==> flow/design.v <==
module ex_shft_p #(
  parameter integer WIDTH = 24,
  parameter integer LG = $clog2(WIDTH)
) (
  input  wire sys_clk,
  input  wire [WIDTH-1:0] bus_i,
  input  wire [LG-1:0] by_i,
  output reg [WIDTH-1:0] o_o
);
  reg [WIDTH-1:0] bus_d1;
  reg [LG-1:0] by_d1;
  always @(posedge sys_clk) begin
    bus_d1 <= bus_i;
    by_d1 <= by_i;
  end
  wire [WIDTH-1:0] n_ [0:LG];
  assign n_[0] = bus_d1;
  genvar g;
  generate
    for (g = 0; g < LG; g = g + 1) begin : lane
      assign n_[g+1] = by_d1[g] ? (n_[g] << (1 << g)) | (n_[g] >> (WIDTH - (1 << g))) : n_[g];
    end
  endgenerate
  always @(posedge sys_clk) begin
    o_o <= n_[LG];
  end
endmodule
# [Tool chain data of ex_shft_p]
# What the tools print for ex_shft_p, step after step.
# Line numbers count from 1 in the design file above.
# Cell names lack the library's common part.
# A cell with - has no value.
[setup] design="ex_shft_p" clk_port="sys_clk" lib="sky130hd" pvt_corner="tt_025C_1v80"

# [Word-level counts]
# Counts by Yosys on the flattened word-level netlist (proc, flatten, opt, wreduce). Print and check cells are left out. Cells with the same type and inputs are merged into one.
[word_totals] elab_cells=13 in_bits=30 output_inout_bits=24 ff_bits=53
[op_classes] bitwise=5 muxes=5
[op_table] operator="24-bit two-way mux" n=5
[op_table] operator="24-bit by 1-bit OR with 24-bit output" n=1
[op_table] operator="24-bit by 16-bit OR with 24-bit output" n=1
[op_table] operator="24-bit by 2-bit OR with 24-bit output" n=1
[op_table] operator="24-bit by 4-bit OR with 24-bit output" n=1
[op_table] operator="24-bit by 8-bit OR with 24-bit output" n=1

# [Logic depth]
# Depth = most cells in a row (Yosys ltp): at word level without a register or memory, in the mapped netlist without a sequential cell, where the memories' decode and read muxes count.
[depth] word_depth=10 abc_area=0 ltp_mapped=5 ltp_nobuf=3

# [Netlist]
# Yosys stat after the flow's synthesis: flattened, memories mapped to cells. It holds for the ABC_AREA given above (unset counts as 0); a run with the other value may have another netlist.
# Totals and module areas in this step are rounded.
[types] type="dfxtp_1" n=53 type_area_um2=1.06E+03
[types] type="mux4_2" n=31 type_area_um2=698.17
[types] type="mux4_1" n=17 type_area_um2=446.678
[types] type="mux2_2" n=24 type_area_um2=270.259
[types] type="buf_12" n=2 type_area_um2=40.038
[types] type="clkbuf_1" n=9 type_area_um2=33.782
[types] type="buf_6" n=1 type_area_um2=11.261
[types] type="buf_4" n=1 type_area_um2=7.507
[types] type="buf_2" n=1 type_area_um2=5.005
[types] type="buf_1" n=1 type_area_um2=3.754
[mapped] sequential_area_um2=1060 n_buf=15 flip_flops=53 synth_area_um2=2580 stdcells=140

# [Worst setup path after synthesis]
# Path of least setup slack by OpenSTA after synthesis, without wires, with an ideal clock, recovery checks aside; 20% of the period is set as input and as output delay. Where synthesis merged equal registers, the netlist keeps one of their names.
[synth_timing] path_type="reg2reg" start="register by_d1[4]" end="register o_o[6]" setup_ps=121 tclk_ps=2540 launch_ps=0 path_buffers=2 path_stages=5 required_ps=2419 path_slack_ps=507 t_arrival_ps=1913 path_delay_ps=2034 period_less_setup_slack_ps=2033
# "path_delay_ps" = arrival - input delay + setup time.
# "path_stages" counts driving pins, that of a launching flip-flop among them; a cell with two outputs on the path counts twice.
# "period_less_setup_slack_ps" is the clock period less the worst setup slack; recovery checks do not enter. This is arithmetic on one report: input and output delays are still those of the set period (20% each).
# The rows between start and end are the longest chain of elaborated cells between them; the timing report does not say that the signal goes this way. Where chains are equally long, one stands for them.
# A line is the first line of the expression or statement that the cell stems from. Yosys adds cells for indexed reads and writes and turns some case tables into memories.
[synth_via] path_cell_list="dfxtp_1 -> clkbuf_1 -> clkbuf_1 -> mux4_1 -> mux2_2" elab_chain_len=1 cells_between=1 cone_lines=1 cone_classes="1 x mux"
[synth_rtl] element="start: declaration" line_no=11 source="reg [LG-1:0] by_d1;"
[synth_rtl] element="start: assignment" line_no=14 source="by_d1 <= by_i;"
[synth_rtl] element="24-bit two-way mux" line_no=21 source="assign n_[g+1] = by_d1[g] ? (n_[g] << (1 << g)) | (n_[g] >> (WIDTH - (1 << g))) : n_[g];"
[synth_rtl] element="end: assignment" line_no=25 source="o_o <= n_[LG];"
[synth_rtl] element="end: declaration" line_no=8 source="output reg [WIDTH-1:0] o_o"

# [Timing after layout]
# Path of least setup slack in the final report of run A (OpenROAD, finished layout, wires in). Where an end is a register, its clock arrival counts in the times.
# The path's times are printed in steps of 10 ps; the period is the one set.
[layout_timing] path_type="reg2reg" start="register by_d1[0]" end="register o_o[19]" path_stages=6 launch_ps=300 path_buffers=2 required_ps=2000 path_slack_ps=-300 tclk_ps=1810 setup_ps=100 t_arrival_ps=2310
# The rows between start and end are the longest chain of elaborated cells between them; the timing report does not say that the signal goes this way. Where chains are equally long, one stands for them.
[layout_via] path_cell_list="dfxtp_2 -> buf_12 -> clkbuf_16 -> mux4_2 -> mux4_2 -> mux2_4" elab_chain_len=9 cells_between=9 cone_lines=1 cone_classes="5 x mux; 4 x logic"
[layout_rtl] element="start: declaration" line_no=11 source="reg [LG-1:0] by_d1;"
[layout_rtl] element="start: assignment" line_no=14 source="by_d1 <= by_i;"
[layout_rtl] element="24-bit two-way mux" line_no=21 source="assign n_[g+1] = by_d1[g] ? (n_[g] << (1 << g)) | (n_[g] >> (WIDTH - (1 << g))) : n_[g];"
[layout_rtl] element="24-bit by 2-bit OR with 24-bit output" line_no=21
[layout_rtl] element="24-bit two-way mux" line_no=21
[layout_rtl] element="24-bit by 4-bit OR with 24-bit output" line_no=21
[layout_rtl] element="24-bit two-way mux" line_no=21
[layout_rtl] element="24-bit by 8-bit OR with 24-bit output" line_no=21
[layout_rtl] element="24-bit two-way mux" line_no=21
[layout_rtl] element="24-bit by 16-bit OR with 24-bit output" line_no=21
[layout_rtl] element="24-bit two-way mux" line_no=21
[layout_rtl] element="end: assignment" line_no=25 source="o_o <= n_[LG];"
[layout_rtl] element="end: declaration" line_no=8 source="output reg [WIDTH-1:0] o_o"

Data sheet: physical implementation of ex_shft_p

Record of 3 stored runs of the RTL-to-layout flow on ex_shft_p, platform sky130hd. The runs are unordered. Constraints: input delay and output delay 20% of the set period each, output load 0.01 pF.
"achievedPeriod_ps" means the clock period less the worst setup slack. The figure is calculated, with input and output delays left at 20% of the set period.
"fin_power_mw" is the tool's figure for a default switching activity; nothing was simulated.
The results are shown rounded.

[flow] run A: files
==> flow/run.sh <==
#!/bin/bash
# the make line also repeats the synthesis and layout settings of config.mk as NAME=value (left out here)
make -C /OpenROAD-flow-scripts/flow DESIGN_CONFIG=/design/flow/config.mk WORK_HOME=/design/flow/orfs CLKGATE_MAP_FILE= finish
==> flow/config.mk <==
export PLATFORM = sky130hd
export DESIGN_NAME = ex_shft_p
export DESIGN_NICKNAME = ex_shft_p
export VERILOG_FILES = /design/flow/design.v
export SDC_FILE = /design/flow/constraint.sdc
export NUM_CORES = 4
export LEC_CHECK = 0
export CAP_MARGIN = 20
export CORE_MARGIN = 3
export CORE_UTILIZATION = 56
export CTS_CLUSTER_SIZE = 51
export GPL_ROUTABILITY_DRIVEN = 0
export GPL_TIMING_DRIVEN = 0
export SETUP_SLACK_MARGIN = -0.08
export SLEW_MARGIN = 30
==> flow/constraint.sdc <==
create_clock -name core_clock -period 1.81 [get_ports {sys_clk}]
set_input_delay 0.3620 -clock core_clock [delete_from_list [all_inputs] [get_ports {sys_clk}]]
set_output_delay 0.3620 -clock core_clock [all_outputs]
set_load 0.01 [all_outputs]

[flow] run A: metrics
[metrics] setup_ws_ps = -304
[metrics] design_die_area_um2 = 5450
[metrics] final_util_frac = 0.759
[metrics] fin_power_mw = 2.92
[metrics] synth_area_um2 = 2580
[metrics] achievedPeriod_ps = 2114
[metrics] final_hold_ws_ps = 489

[flow] run B: files
==> flow/run.sh <==
#!/bin/bash
# the make line also repeats the synthesis and layout settings of config.mk as NAME=value (left out here)
make -C /OpenROAD-flow-scripts/flow DESIGN_CONFIG=/design/flow/config.mk WORK_HOME=/design/flow/orfs CLKGATE_MAP_FILE= finish
==> flow/config.mk <==
export PLATFORM = sky130hd
export DESIGN_NAME = ex_shft_p
export DESIGN_NICKNAME = ex_shft_p
export VERILOG_FILES = /design/flow/design.v
export SDC_FILE = /design/flow/constraint.sdc
export NUM_CORES = 4
export LEC_CHECK = 0
export ABC_AREA = 1
export CAP_MARGIN = 20
export CELL_PAD_IN_SITES_DETAIL_PLACEMENT = 1
export CORE_MARGIN = 3
export CORE_UTILIZATION = 59
export CTS_CLUSTER_DIAMETER = 225
export HOLD_SLACK_MARGIN = 0.22
export PLACE_DENSITY_LB_ADDON = 0.09
export SLEW_MARGIN = 20
export TNS_END_PERCENT = 65
==> flow/constraint.sdc <==
create_clock -name core_clock -period 3.25 [get_ports {sys_clk}]
set_input_delay 0.6500 -clock core_clock [delete_from_list [all_inputs] [get_ports {sys_clk}]]
set_output_delay 0.6500 -clock core_clock [all_outputs]
set_load 0.01 [all_outputs]

[flow] run B: no final report: placement broke off with DPL-0033

[flow] run C: files
==> flow/run.sh <==
#!/bin/bash
# the make line also repeats the synthesis and layout settings of config.mk as NAME=value (left out here)
make -C /OpenROAD-flow-scripts/flow DESIGN_CONFIG=/design/flow/config.mk WORK_HOME=/design/flow/orfs CLKGATE_MAP_FILE= finish
==> flow/config.mk <==
export PLATFORM = sky130hd
export DESIGN_NAME = ex_shft_p
export DESIGN_NICKNAME = ex_shft_p
export VERILOG_FILES = /design/flow/design.v
export SDC_FILE = /design/flow/constraint.sdc
export NUM_CORES = 4
export LEC_CHECK = 0
export CAP_MARGIN = 20
export CORE_MARGIN = 2
export CORE_UTILIZATION = 40
export SLEW_MARGIN = 20
==> flow/constraint.sdc <==
create_clock -name core_clock -period 2.54 [get_ports {sys_clk}]
set_input_delay 0.5080 -clock core_clock [delete_from_list [all_inputs] [get_ports {sys_clk}]]
set_output_delay 0.5080 -clock core_clock [all_outputs]
set_load 0.01 [all_outputs]

[flow] run C: metrics
[metrics] setup_ws_ps = 386
[metrics] design_die_area_um2 = 7100
[metrics] final_util_frac = 0.522
[metrics] fin_power_mw = 2.09
[metrics] synth_area_um2 = 2580
[metrics] achievedPeriod_ps = 2154
[metrics] final_hold_ws_ps = 635
